==> flow/design.v <==
module gen_mul_rtl #(
  parameter int W = 4
) (
  input logic clk,
  input logic valid,
  input logic [W-1:0] dataa_i,
  input logic [W-1:0] datab_i,
  output logic [2*W-1:0] q_o
);
  logic [W-1:0] dataa_ff;
  logic [W-1:0] datab_ff;
  always_ff @(posedge clk) begin
    if (valid) begin
      dataa_ff <= dataa_i;
      datab_ff <= datab_i;
      q_o <= dataa_ff * datab_ff;
    end
  end
endmodule
From RTL to reports: gen_mul_rtl. The steps from the RTL of gen_mul_rtl to its reports follow in flow order. Lines are those of the file above, counted from 1. Operators carry their Yosys type and port widths (W data, S select, Z words). Library cell names are shortened. The mark - stands for no value.

Top module: gen_mul_rtl. Clock: clk. Standard-cell library: sky130hd. Library corner: tt_025C_1v80.

After elaboration. Counts by Yosys on the flattened word-level netlist (proc, flatten, opt, wreduce; memories kept). Register bits leave out memories and registers merged into their read ports (data or address); mux counts leave out enables and synchronous resets folded into registers. Print and check cells are left out. Cells with the same type and inputs are merged into one.

Flip-flop bits (word level): 16. Under latch bits stands 0. For bits in writable memories the number is 0. The entry for ROM bits reads 0. Under word width x clocked read ports stands 0. Under memory cells stands 0. Bits of input ports: 10. Output and inout port bits: 8. Under cells after elaboration stands 4.

The entry for add/sub/neg operators reads 0. For $mul the number is 1. For divide/modulo/power cells the number is 0. $lt $le $gt $ge: 0. For eq/ne operators the number is 0. The figure for shift operators is 0. Under mux-type cells stands 0. Under bitwise gates (word level) stands 0. Reductions and logical operators: 0.

Operators with widths (number): $mul A4 B4 Y8 (1).

Depth. Depth = most cells in a row (Yosys ltp): at word level without a register or memory, in the mapped netlist without a sequential cell, where the memories' decode and read muxes count.

The figure for depth in word-level cells is 1. For ABC_AREA the number is 0. The entry for depth in mapped cells reads 8. Gate-level depth less buffers: 8.

Mapped cells and area. Source: synth_stat.txt of the flow (Yosys; design flattened, memories mapped). It holds for the ABC_AREA given above (unset counts as 0); a run with the other value may have another netlist. Totals and module areas in this step are rounded.

For cell count the number is 67. Under mapped area stands 930 um^2. For sequential area the number is 480 um^2. The entry for mapped flip-flops reads 16. The figure for buffer cells is 0.

Cells by type: edfxtp_1 (number 16, total area 480.461 um^2); ha_1 (number 12, total area 150.144 um^2); and2_1 (number 13, total area 81.328 um^2); fa_1 (number 4, total area 80.077 um^2); xnor2_1 (number 2, total area 17.517 um^2); a21oi_1 (number 3, total area 15.014 um^2); inv_1 (number 3, total area 11.261 um^2); nand2_1 (number 3, total area 11.261 um^2); or4b_1 (number 1, total area 10.01 um^2); a21o_2 (number 1, total area 8.758 um^2); and3b_1 (number 1, total area 8.758 um^2); o2111ai_1 (number 1, total area 8.758 um^2); xor2_1 (number 1, total area 8.758 um^2); a211oi_1 (number 1, total area 7.507 um^2); a21o_1 (number 1, total area 7.507 um^2); nor2_1 (number 2, total area 7.507 um^2); o211ai_1 (number 1, total area 7.507 um^2); o21ai_1 (number 1, total area 5.005 um^2).

Worst setup path after synthesis. OpenSTA on the mapped netlist: ideal clock, no wires. The path of least setup slack (recovery checks aside). Input and output delay are each 20% of the period. Register names are those of the netlist, which keeps one name where synthesis merged equal registers.

Path kind: register -> register. From: reg dataa_ff[0]. To: reg q_o[6]. Under period stands 3.33 ns. For launch time at the first pin the number is 0.000 ns. Under arrival stands 2.406 ns. Under slack stands 0.667 ns. The entry for path delay reads 2.664 ns. Under stages stands 9. Under synthesis period reached stands 2.663 ns.

"path delay" is the arrival time less input delay plus setup time. "stages": output pins that drive a net of the path, with the launching flip-flop's if there is one; two outputs of one cell count as two. "synthesis period reached" is the clock period less the worst setup slack; recovery checks do not enter. This is arithmetic on one report: input and output delays are still those of the set period (20% each). Between the ends stands the longest chain of elaborated cells between them, by number of cells; it is not shown to be the way that was timed. Of several equally long chains one is given. Each line given opens the expression or statement behind the cell; cells for indexed reads and writes are added by Yosys, which also makes memories of some case tables.

Cell sequence: edfxtp_1 -> nand2_1 -> fa_1 -> inv_1 -> fa_1 -> fa_1 -> a21o_2 -> a21oi_1 -> xnor2_1. The figure for cells in the longest elaborated chain is 1. Elaborated cells on any way between the ends: 1. Classes of those cells: 1 x mul.

Ends and longest elaborated chain, after synthesis: start: declaration (line 10) `logic [W-1:0] dataa_ff;`; start: assignment (line 14) `dataa_ff <= dataa_i;`; $mul A4 B4 Y8 (line 16) `q_o <= dataa_ff * datab_ff;`; end: assignment (line 16); end: declaration (line 8) `output logic [2*W-1:0] q_o`.

Worst path after layout. Path of least setup slack in the final report of job 2 (OpenROAD, finished layout, wires in). Where an end is a register, its clock arrival counts in the times.

Path kind: register -> register. From: reg dataa_ff[0]. To: reg q_o[7]. Under period stands 3.62 ns. For launch time at the first pin the number is 0.28 ns. Under arrival stands 2.82 ns. Under slack stands 0.82 ns. Under stages stands 9.

Between the ends stands the longest chain of elaborated cells between them, by number of cells; it is not shown to be the way that was timed. Of several equally long chains one is given.

Cell sequence: edfxtp_1 -> nand2_1 -> fa_1 -> inv_1 -> fa_1 -> ha_1 -> a211oi_1 -> or4b_1 -> o2111ai_1. The figure for cells in the longest elaborated chain is 1. Elaborated cells on any way between the ends: 1. Classes of those cells: 1 x mul.

Ends and longest elaborated chain, after layout: start: declaration (line 10) `logic [W-1:0] dataa_ff;`; start: assignment (line 14) `dataa_ff <= dataa_i;`; $mul A4 B4 Y8 (line 16) `q_o <= dataa_ff * datab_ff;`; end: assignment (line 16); end: declaration (line 8) `output logic [2*W-1:0] q_o`.

Wiki page: gen_mul_rtl / flow data

3 stored runs of gen_mul_rtl in the flow (synthesis by Yosys, layout by OpenROAD, sky130hd cells), in arbitrary order. Constraints: input delay and output delay 20% of the set period each, output load 0.01 pF. Measured values are rounded.

Job 1 has these settings: period_ns 4.66; CORE_UTILIZATION 71; SETUP_SLACK_MARGIN 0.07; PLACE_DENSITY_LB_ADDON 0.25; CORE_ASPECT_RATIO 0.59; CELL_PAD_IN_SITES_GLOBAL_PLACEMENT 2; TNS_END_PERCENT 75; ABC_AREA 1; GPL_TIMING_DRIVEN 0; CTS_CLUSTER_SIZE 27; CTS_CLUSTER_DIAMETER 388; CAP_MARGIN 15; SLEW_MARGIN 0; MIN_ROUTING_LAYER met2; MAX_ROUTING_LAYER met4; CORE_MARGIN 2. Outcome: incomplete, floorplanning halted on PDN-0185.

Job 2 has these settings: period_ns 3.62; CORE_UTILIZATION 49; PLACE_DENSITY_LB_ADDON 0.19; TNS_END_PERCENT 40; ABC_AREA 0; GPL_ROUTABILITY_DRIVEN 0; CTS_CLUSTER_DIAMETER 261; CAP_MARGIN 40; SLEW_MARGIN 40; CORE_MARGIN 2. The measured utilization is 66%. The lowest setup slack reads 0.82 ns. The Yosys chip area after synthesis comes to 930 um^2. For the die footprint the run shows 2300 um^2. For the post-route worst hold slack the run shows 0.63 ns.

Job 3 has these settings: period_ns 3.33; CAP_MARGIN 20; CORE_MARGIN 2; CORE_UTILIZATION 40; SLEW_MARGIN 20. The lowest setup slack reads 0.56 ns. For the die footprint the run shows 2700 um^2. The measured utilization is 52%. The Yosys chip area after synthesis comes to 930 um^2. For the post-route worst hold slack the run shows 0.63 ns.
